==> flow/design.v <==
module switch_rtl #(
   parameter XLEN = 12,
   parameter NUM = 20
) (
   input  core_clk,
   input  reset,
   input  [NUM*XLEN-1:0] bus_in,
   input  [NUM-1:0] idx_in,
   output [XLEN-1:0] o_out
);
   reg [NUM*XLEN-1:0] bus_q;
   reg [NUM-1:0] idx_q;
   reg [XLEN-1:0] tmp;
   integer k;
   always @* begin
      tmp = 0;
      for (k = 0; k < NUM; k = k + 1)
         tmp = tmp | (bus_q[k*XLEN +: XLEN] & {XLEN{idx_q[k]}});
   end
   assign o_out = tmp;
   always @(posedge core_clk) begin
      if (reset) begin
         bus_q <= 0;
         idx_q <= 0;
      end else begin
         bus_q <= bus_in;
         idx_q <= idx_in;
      end
   end
endmodule
* Reports on switch_rtl
Tool output for the design above, in the order of the flow.
Line numbers count from 1 in the design file above.
Operators: Yosys type, input widths -> output width; for muxes data width and select width s.
Cell names lack the library's common part.
The mark n/a stands for no value.
- Design top :: switch_rtl
- Clock :: core_clk
- Cell library :: sky130hd
- Library corner :: tt_025C_1v80

* Word-level counts
Counts by Yosys on the flattened word-level netlist (proc, flatten, opt, wreduce; memories kept). Register bits leave out memories and registers merged into their read ports (data or address); mux counts leave out enables and synchronous resets folded into registers. Print and check cells are left out. Cells with the same type and inputs are merged into one.
- Bitwise operators :: 39
** Operators by type and width (count)
- $and 12x12->12 :: 20
- $or 12x12->12 :: 19
- Output and inout bits :: 12
- Register bits :: 260

* Depth
Longest topological path by Yosys (ltp), each cell counted once; first at word level (registers and memories cut), then after technology mapping (sequential cells cut; the memories' decode and read muxes count).
- Depth after elaboration :: 20
- ABC_AREA :: 0
- Mapped depth :: 5

* Synthesis result
The flow's flattened synthesis, as Yosys stat reports it; memories are mapped. The netlist is that of the ABC_AREA named above (0 if unset); the other value can give another one.
The area totals of this step are shown rounded.
** Cell types
- dfxtp_1 :: count 260, area in all 5.2E+03 um2
- nor2b_1 :: count 260, area in all 1626.56 um2
- a22o_1 :: count 48, area in all 420.403 um2
- a221oi_1 :: count 43, area in all 376.611 um2
- a22oi_1 :: count 24, area in all 180.173 um2
- clkbuf_1 :: count 31, area in all 116.362 um2
- buf_6 :: count 10, area in all 112.608 um2
- a221oi_2 :: count 5, area in all 75.072 um2
- and3_1 :: count 12, area in all 75.072 um2
- nand4_1 :: count 12, area in all 75.072 um2
- buf_2 :: count 7, area in all 35.034 um2
- buf_1 :: count 1, area in all 3.754 um2
- Flip-flops :: 260
- Mapped area :: 8300 um2
- Cell count :: 713
- Buffers :: 49

* Path before layout
Path of least setup slack by OpenSTA after synthesis, without wires, with an ideal clock, recovery checks aside; 20% of the period is set as input and as output delay. Where synthesis merged equal registers, the netlist keeps one of their names.
- Kind :: register -> output
- Start point :: reg idx_q[0]
- End point :: out o_out[8]
- Required time :: 1.408 ns
- Arrival :: 1.124 ns
- Setup slack :: 0.284 ns
- Driving pins on the path :: 6
- Clock period :: 1.76 ns
- Path buffers :: 1
- Path delay :: 1.124 ns
- Synthesis period reached :: 1.476 ns
"path delay" = arrival - input delay + setup time.
At an output port there is no setup time.
"driving pins on the path" counts driving pins, that of a launching flip-flop among them; a cell with two outputs on the path counts twice.
"synthesis period reached" is the clock period less the worst setup slack; recovery checks do not enter. This is arithmetic on one report: input and output delays are still those of the set period (20% each).
Between the ends stands the longest chain of elaborated cells between them, by number of cells; it is not shown to be the way that was timed. Of several equally long chains one is given.
A line is the first line of the expression or statement that the cell stems from. Yosys adds cells for indexed reads and writes and turns some case tables into memories.
- Cells stage by stage :: dfxtp_1 buf_6 a22o_1 a221oi_1 and3_1 nand4_1
- Length of the longest elaborated chain :: 20
- Elaborated cells between the ends (all ways) :: 20
- Source lines of those cells :: 1
- Those cells by class :: logic (20)
** RTL lines, path post-synthesis
- start, declared :: RTL line 12 : reg [NUM-1:0] idx_q;
- start, assigned :: RTL line 24 : idx_q <= 0;
- start, assigned :: RTL line 27 : idx_q <= idx_in;
- $and 12x12->12 :: RTL line 18 : tmp = tmp | (bus_q[k*XLEN +: XLEN] & {XLEN{idx_q[k]}});
- $or 12x12->12 (19 in a row) :: RTL line 18
- end, declared :: RTL line 9 : output [XLEN-1:0] o_out

* Timing after layout
Path of least setup slack in the final report of flow run 1 (OpenROAD, finished layout, wires in). Where an end is a register, its clock arrival counts in the times.
- Kind :: register -> output
- Start point :: reg idx_q[6]
- End point :: out o_out[7]
- Path buffers :: 3
- Arrival :: 2.06 ns
- Driving pins on the path :: 8
- Setup slack :: -1.07 ns
- Clock period :: 1.24 ns
- Required time :: 0.99 ns
Between the ends stands the longest chain of elaborated cells between them, by number of cells; it is not shown to be the way that was timed. Of several equally long chains one is given.
- Cells stage by stage :: dfxtp_4 buf_6 a22o_1 a221oi_2 buf_4 and3_4 nand4_1 buf_2
- Length of the longest elaborated chain :: 15
- Elaborated cells between the ends (all ways) :: 15
- Source lines of those cells :: 1
- Those cells by class :: logic (15)
** RTL lines, path post-layout
- start, declared :: RTL line 12 : reg [NUM-1:0] idx_q;
- start, assigned :: RTL line 24 : idx_q <= 0;
- start, assigned :: RTL line 27 : idx_q <= idx_in;
- $and 12x12->12 :: RTL line 18 : tmp = tmp | (bus_q[k*XLEN +: XLEN] & {XLEN{idx_q[k]}});
- $or 12x12->12 (14 in a row) :: RTL line 18
- end, declared :: RTL line 9 : output [XLEN-1:0] o_out

==> runs of switch_rtl <==
Module switch_rtl, platform sky130hd: 3 stored runs of the flow (Yosys, OpenROAD) with differing settings, in no particular order. Input and output delays are each 20% of the period that was set; the output load is 0.01 pF.
"clock period reached" = clock period - worst setup slack. The figure is calculated, with input and output delays left at 20% of the set period.
"time of the worst setup path": the worst setup path's part of the clock period (all of it between registers, 20% less for each end at a port) less its slack. A launch clock that arrives late makes it longer, a capture clock that arrives late makes it shorter.
"total power of the final layout" is the tool's figure for a default switching activity; nothing was simulated.
Measured values are rounded.

* Flow run 1
** Files
==> flow/run.sh <==
#!/bin/bash
# the make line also repeats the synthesis and layout settings of config.mk as NAME=value (left out here)
make -C /OpenROAD-flow-scripts/flow DESIGN_CONFIG=/design/flow/config.mk WORK_HOME=/design/flow/orfs CLKGATE_MAP_FILE= finish
==> flow/config.mk <==
export PLATFORM = sky130hd
export DESIGN_NAME = switch_rtl
export DESIGN_NICKNAME = switch_rtl
export VERILOG_FILES = /design/flow/design.v
export SDC_FILE = /design/flow/constraint.sdc
export NUM_CORES = 4
export LEC_CHECK = 0
export CAP_MARGIN = 20
export CELL_PAD_IN_SITES_DETAIL_PLACEMENT = 1
export CORE_MARGIN = 2
export CORE_UTILIZATION = 23
export CTS_CLUSTER_SIZE = 42
export MAX_ROUTING_LAYER = met4
export PLACE_DENSITY_LB_ADDON = 0.24
export SETUP_SLACK_MARGIN = 0.1
export SLEW_MARGIN = 35
==> flow/constraint.sdc <==
create_clock -name core_clock -period 1.24 [get_ports {core_clk}]
set_input_delay 0.2480 -clock core_clock [delete_from_list [all_inputs] [get_ports {core_clk}]]
set_output_delay 0.2480 -clock core_clock [all_outputs]
set_load 0.01 [all_outputs]
** Results
- Clock period reached :: 2.312 ns
- Utilization :: 37.1%
- Total negative setup slack :: -12.2 ns
- Yosys chip area after synthesis :: 8300 um2
- Die footprint :: 37600 um2
- Setup slack of the worst path :: -1.07 ns
- Standard-cell area after routing :: 13200 um2
- Time of the worst setup path :: 2.06 ns
- Worst setup path type :: register -> output
- Lowest hold slack :: 0.167 ns
- Total power of the final layout :: 20200 uW

* Flow run 2
** Files
==> flow/run.sh <==
#!/bin/bash
# the make line also repeats the synthesis and layout settings of config.mk as NAME=value (left out here)
make -C /OpenROAD-flow-scripts/flow DESIGN_CONFIG=/design/flow/config.mk WORK_HOME=/design/flow/orfs CLKGATE_MAP_FILE= finish
==> flow/config.mk <==
export PLATFORM = sky130hd
export DESIGN_NAME = switch_rtl
export DESIGN_NICKNAME = switch_rtl
export VERILOG_FILES = /design/flow/design.v
export SDC_FILE = /design/flow/constraint.sdc
export NUM_CORES = 4
export LEC_CHECK = 0
export CAP_MARGIN = 20
export CORE_MARGIN = 2
export CORE_UTILIZATION = 40
export SLEW_MARGIN = 20
==> flow/constraint.sdc <==
create_clock -name core_clock -period 1.76 [get_ports {core_clk}]
set_input_delay 0.3520 -clock core_clock [delete_from_list [all_inputs] [get_ports {core_clk}]]
set_output_delay 0.3520 -clock core_clock [all_outputs]
set_load 0.01 [all_outputs]
** Results
- Die footprint :: 21900 um2
- Time of the worst setup path :: 2.02 ns
- Worst setup path type :: register -> output
- Clock period reached :: 2.371 ns
- Setup slack of the worst path :: -0.611 ns
- Total power of the final layout :: 13700 uW
- Standard-cell area after routing :: 12800 um2
- Total negative setup slack :: -6.69 ns
- Lowest hold slack :: 0.331 ns
- Yosys chip area after synthesis :: 8300 um2
- Utilization :: 62.8%

* Flow run 3
** Files
==> flow/run.sh <==
#!/bin/bash
# the make line also repeats the synthesis and layout settings of config.mk as NAME=value (left out here)
make -C /OpenROAD-flow-scripts/flow DESIGN_CONFIG=/design/flow/config.mk WORK_HOME=/design/flow/orfs CLKGATE_MAP_FILE= finish
==> flow/config.mk <==
export PLATFORM = sky130hd
export DESIGN_NAME = switch_rtl
export DESIGN_NICKNAME = switch_rtl
export VERILOG_FILES = /design/flow/design.v
export SDC_FILE = /design/flow/constraint.sdc
export NUM_CORES = 4
export LEC_CHECK = 0
export CAP_MARGIN = 5
export CELL_PAD_IN_SITES_DETAIL_PLACEMENT = 1
export CELL_PAD_IN_SITES_GLOBAL_PLACEMENT = 3
export CORE_MARGIN = 10
export CORE_UTILIZATION = 46
export CTS_CLUSTER_SIZE = 60
export GPL_TIMING_DRIVEN = 1
export HOLD_SLACK_MARGIN = 0.17
export PLACE_DENSITY_LB_ADDON = 0.08
export SETUP_SLACK_MARGIN = -0.1
export SLEW_MARGIN = 20
export TNS_END_PERCENT = 15
==> flow/constraint.sdc <==
create_clock -name core_clock -period 1.06 [get_ports {core_clk}]
set_input_delay 0.2120 -clock core_clock [delete_from_list [all_inputs] [get_ports {core_clk}]]
set_output_delay 0.2120 -clock core_clock [all_outputs]
set_load 0.01 [all_outputs]
** Results
No results, placement failed with FLW-0024.
